==> flow/design.v <==
module dp_mplex_rtl #(
    parameter integer DW = 12,
    parameter integer COUNT = 7,
    parameter integer SEL_WIDTH = $clog2(COUNT)
) (
    input  logic ck,
    input  logic rst_n,
    input  logic [COUNT*DW-1:0] ch,
    input  logic [SEL_WIDTH-1:0] choose,
    output logic [DW-1:0] result
);
    logic [COUNT*DW-1:0] ch_r;
    logic [SEL_WIDTH-1:0] choose_r;
    always_ff @(posedge ck or negedge rst_n) begin
        if (~rst_n) begin
            ch_r <= '0;
            choose_r <= '0;
        end else begin
            ch_r <= ch;
            choose_r <= choose;
        end
    end
    wire [DW-1:0] lanes [0:COUNT-1];
    generate
        for (genvar i = 0; i < COUNT; i++) begin : blk
            assign lanes[i] = ch_r[i*DW +: DW];
        end
    endgenerate
    always_ff @(posedge ck or negedge rst_n) begin
        if (~rst_n) begin
            result <= '0;
        end else begin
            result <= lanes[choose_r];
        end
    end
endmodule
From RTL to reports: dp_mplex_rtl
What the tools print for dp_mplex_rtl, step after step.
Lines are those of the file above, counted from 1.
Library cell names are shortened.
{"block": "design", "top_module": "dp_mplex_rtl", "clock_port": "ck", "lib": "sky130hd", "lib_corner": "tt_025C_1v80"}

Word level
Yosys after proc, flatten, opt, wreduce and memory -nomap, before mapping. Enables and synchronous resets that opt folds into registers are not counted as muxes. Print and check cells are not counted. Equal cells are merged and count once.
{"block": "classes", "equal": 6, "muxes": 1, "n_reduce_logical": 1}
{"block": "ops", "operator": "12-bit case mux with 7-bit select", "n": 1}
{"block": "ops", "operator": "3-bit equality test (second input constant)", "n": 3}
{"block": "ops", "operator": "3-bit by 2-bit equality test with 1-bit output (second input constant)", "n": 2}
{"block": "ops", "operator": "3-bit by 1-bit equality test with 1-bit output (second input constant)", "n": 1}
{"block": "ops", "operator": "3-bit zero test", "n": 1}
{"block": "bits", "regBits": 99, "input_bits": 89, "out_inout_bits": 12, "wordCells": 11}

Depth
Yosys ltp: most cells in a row. Word level: on the elaborated netlist, between registers, memories and ports. Mapped: between sequential cells and ports; inverters and the memories' decode and read muxes count.
{"block": "depth", "word_depth": 2, "ABC_AREA": 1, "ltp_mapped": 8, "mapped_depth_nobuf": 7}

Netlist
The flow's flattened synthesis, as Yosys stat reports it; memories are mapped. The netlist is that of the ABC_AREA named above (0 if unset); the other value can give another one.
The area totals of this step are shown rounded.
{"block": "by_type", "type": "dfrtp_1", "n": 99, "type_area_um2": 2.48E+03}
{"block": "by_type", "type": "nand4_1", "n": 60, "type_area_um2": 375.36}
{"block": "by_type", "type": "nand2_1", "n": 51, "type_area_um2": 191.434}
{"block": "by_type", "type": "nand3_1", "n": 25, "type_area_um2": 125.12}
{"block": "by_type", "type": "buf_2", "n": 12, "type_area_um2": 60.058}
{"block": "by_type", "type": "buf_4", "n": 7, "type_area_um2": 52.55}
{"block": "by_type", "type": "nor2_1", "n": 13, "type_area_um2": 48.797}
{"block": "by_type", "type": "inv_1", "n": 11, "type_area_um2": 41.29}
{"block": "by_type", "type": "buf_6", "n": 2, "type_area_um2": 22.522}
{"block": "by_type", "type": "clkinv_1", "n": 3, "type_area_um2": 11.261}
{"block": "by_type", "type": "nand3_2", "n": 1, "type_area_um2": 10.01}
{"block": "by_type", "type": "inv_2", "n": 2, "type_area_um2": 7.507}
{"block": "by_type", "type": "nor2_2", "n": 1, "type_area_um2": 6.256}
{"block": "synth_totals", "stdcells": 287, "mapped_area_um2": 3430, "seq_area_um2": 2477, "flip_flops": 99, "buffers": 21}

Path before layout
Path of least setup slack by OpenSTA after synthesis, without wires, with an ideal clock, recovery checks aside; 20% of the period is set as input and as output delay. Where synthesis merged equal registers, the netlist keeps one of their names.
{"block": "synth_timing", "path_kind": "register to register", "startpoint": "reg (name not given)", "endpoint": "reg result[8]", "clock_period_ns": 1.7, "setup_ns": 0.125, "launch_ns": 0.000, "arrival_time_ns": 0.996, "t_required_ns": 1.575, "setup_slack_ns": 0.579, "path_delay_ns": 1.121, "path_stages": 7, "path_buffers": 2, "synth_period_reached_ns": 1.121}
"path_delay_ns" is the arrival time less input delay plus setup time.
"path_stages": output pins that drive a net of the path, with the launching flip-flop's if there is one; two outputs of one cell count as two.
"synth_period_reached_ns" is the clock period less the worst setup slack; recovery checks do not enter. This is arithmetic on one report: input and output delays are still those of the set period (20% each).
The rows between start and end are the longest chain of elaborated cells between them; the timing report does not say that the signal goes this way. Where chains are equally long, one stands for them.
A line is the first line of the expression or statement that the cell stems from. Yosys adds cells for indexed reads and writes and turns some case tables into memories.
{"block": "synth_between", "path_cell_list": "dfrtp_1 -> buf_4 -> buf_4 -> nand4_1 -> nand2_1 -> nor2_1 -> nand3_1", "elab_chain_len": 2, "cone_cells": 8, "lines_between": 1, "cone_classes": "6 x eq/ne; 1 x mux; 1 x reduce/logical"}
{"block": "synth_lines", "item": "from (decl)", "line_no": 13}
{"block": "synth_lines", "item": "from (assign)", "line_no": 17}
{"block": "synth_lines", "item": "from (assign)", "line_no": 20}
{"block": "synth_lines", "item": "3-bit equality test", "line_no": 33}
{"block": "synth_lines", "item": "12-bit case mux with 7-bit select", "line_no": 33}
{"block": "synth_lines", "item": "to (assign)", "line_no": 31, "text": "result <= '0;"}
{"block": "synth_lines", "item": "to (assign)", "line_no": 33}
{"block": "synth_lines", "item": "to (decl)", "line_no": 10, "text": "output logic [DW-1:0] result"}

Path in the finished layout
From the final timing report of flow run A: the path of least setup slack in the routed layout; clock arrival at registers is part of the times.
{"block": "layout_timing", "path_kind": "register to output", "startpoint": "reg result[6]", "endpoint": "out result[6]", "clock_period_ns": 1.89, "out_delay_ns": 0.38, "launch_ns": 0.34, "arrival_time_ns": 1.01, "t_required_ns": 1.51, "setup_slack_ns": 0.50, "path_stages": 2, "path_buffers": 1}
{"block": "layout_between", "path_cell_list": "dfrtp_1 -> dlygate4sd2_1", "elab_chain_len": 0, "cone_cells": 0, "lines_between": 0}
{"block": "layout_lines", "item": "from (decl)", "line_no": 10, "text": "output logic [DW-1:0] result"}
{"block": "layout_lines", "item": "from (assign)", "line_no": 31, "text": "result <= '0;"}
{"block": "layout_lines", "item": "from (assign)", "line_no": 33}
{"block": "layout_lines", "item": "to (decl)", "line_no": 10}

Subject: flow runs of dp_mplex_rtl

Hi,

Flow measurements of dp_mplex_rtl on sky130hd: 3 stored runs with different settings, listed in no order. Input and output delays are each 20% of the period that was set; the output load is 0.01 pF.
"achieved_period_ns" = clock period - worst setup slack. The figure is calculated, with input and output delays left at 20% of the set period.
"worst_path_allowed_less_slack_ns" means the part of the period allowed to the worst setup path (the constraints hold back 20% at inputs and 20% at outputs) less its slack; where the path has registers, the arrival times of their clocks count too.
"final_power_mw" rests on the timing tool's default activity at the inputs, not on a simulated workload.
Measured values are rounded.

Flow run A
==> flow/run.sh <==
#!/bin/bash
# the make line also repeats the synthesis and layout settings of config.mk as NAME=value (left out here)
make -C /OpenROAD-flow-scripts/flow DESIGN_CONFIG=/design/flow/config.mk WORK_HOME=/design/flow/orfs CLKGATE_MAP_FILE= finish
==> flow/config.mk <==
export PLATFORM = sky130hd
export DESIGN_NAME = dp_mplex_rtl
export DESIGN_NICKNAME = dp_mplex_rtl
export VERILOG_FILES = /design/flow/design.v
export SDC_FILE = /design/flow/constraint.sdc
export NUM_CORES = 4
export LEC_CHECK = 0
export ABC_AREA = 1
export CAP_MARGIN = 5
export CELL_PAD_IN_SITES_DETAIL_PLACEMENT = 0
export CORE_ASPECT_RATIO = 0.52
export CORE_MARGIN = 5
export CORE_UTILIZATION = 39
export CTS_CLUSTER_SIZE = 59
export PLACE_DENSITY = 0.88
export SETUP_SLACK_MARGIN = 0.46
export SLEW_MARGIN = 30
==> flow/constraint.sdc <==
create_clock -name core_clock -period 1.89 [get_ports {ck}]
set_input_delay 0.3780 -clock core_clock [delete_from_list [all_inputs] [get_ports {ck}]]
set_output_delay 0.3780 -clock core_clock [all_outputs]
set_load 0.01 [all_outputs]

==> results of flow run A, as JSON <==
{
  "synthesis_area_um2": 3430,
  "design_die_area_um2": 10870,
  "finalCellArea_um2": 4888,
  "utilization_frac": 0.577,
  "setup_ws_ns": 0.500,
  "timing.setup.tns_ns": 0.000,
  "fin_hold_ws_ns": 0.463,
  "final_power_mw": 4.646,
  "achieved_period_ns": 1.390,
  "worst_path_allowed_less_slack_ns": 1.01,
  "timing.worst_path_kind": "register to output"
}

Flow run B
==> flow/run.sh <==
#!/bin/bash
# the make line also repeats the synthesis and layout settings of config.mk as NAME=value (left out here)
make -C /OpenROAD-flow-scripts/flow DESIGN_CONFIG=/design/flow/config.mk WORK_HOME=/design/flow/orfs CLKGATE_MAP_FILE= finish
==> flow/config.mk <==
export PLATFORM = sky130hd
export DESIGN_NAME = dp_mplex_rtl
export DESIGN_NICKNAME = dp_mplex_rtl
export VERILOG_FILES = /design/flow/design.v
export SDC_FILE = /design/flow/constraint.sdc
export NUM_CORES = 4
export LEC_CHECK = 0
export CAP_MARGIN = 20
export CORE_MARGIN = 2
export CORE_UTILIZATION = 40
export SLEW_MARGIN = 20
==> flow/constraint.sdc <==
create_clock -name core_clock -period 1.7 [get_ports {ck}]
set_input_delay 0.3400 -clock core_clock [delete_from_list [all_inputs] [get_ports {ck}]]
set_output_delay 0.3400 -clock core_clock [all_outputs]
set_load 0.01 [all_outputs]

==> results of flow run B, as JSON <==
{
  "synthesis_area_um2": 3441,
  "design_die_area_um2": 9360,
  "finalCellArea_um2": 4818,
  "utilization_frac": 0.583,
  "setup_ws_ns": 0.076,
  "timing.setup.tns_ns": 0.000,
  "fin_hold_ws_ns": 0.407,
  "final_power_mw": 4.489,
  "achieved_period_ns": 1.624,
  "worst_path_allowed_less_slack_ns": 1.62,
  "timing.worst_path_kind": "register to register"
}

Flow run C
==> flow/run.sh <==
#!/bin/bash
# the make line also repeats the synthesis and layout settings of config.mk as NAME=value (left out here)
make -C /OpenROAD-flow-scripts/flow DESIGN_CONFIG=/design/flow/config.mk WORK_HOME=/design/flow/orfs CLKGATE_MAP_FILE= finish
==> flow/config.mk <==
export PLATFORM = sky130hd
export DESIGN_NAME = dp_mplex_rtl
export DESIGN_NICKNAME = dp_mplex_rtl
export VERILOG_FILES = /design/flow/design.v
export SDC_FILE = /design/flow/constraint.sdc
export NUM_CORES = 4
export LEC_CHECK = 0
export ABC_AREA = 1
export CAP_MARGIN = 20
export CELL_PAD_IN_SITES_GLOBAL_PLACEMENT = 0
export CORE_MARGIN = 2
export CORE_UTILIZATION = 32
export CTS_CLUSTER_DIAMETER = 139
export CTS_CLUSTER_SIZE = 91
export GPL_ROUTABILITY_DRIVEN = 0
export HOLD_SLACK_MARGIN = -0.03
export PLACE_DENSITY = 0.88
export SETUP_SLACK_MARGIN = 0.39
export SLEW_MARGIN = 20
==> flow/constraint.sdc <==
create_clock -name core_clock -period 1.43 [get_ports {ck}]
set_input_delay 0.2860 -clock core_clock [delete_from_list [all_inputs] [get_ports {ck}]]
set_output_delay 0.2860 -clock core_clock [all_outputs]
set_load 0.01 [all_outputs]

==> results of flow run C, as JSON <==
{
  "synthesis_area_um2": 3430,
  "design_die_area_um2": 11560,
  "finalCellArea_um2": 5139,
  "utilization_frac": 0.496,
  "setup_ws_ns": 0.106,
  "timing.setup.tns_ns": 0.000,
  "fin_hold_ws_ns": 0.345,
  "final_power_mw": 5.699,
  "achieved_period_ns": 1.324,
  "worst_path_allowed_less_slack_ns": 1.32,
  "timing.worst_path_kind": "register to register"
}

Regards
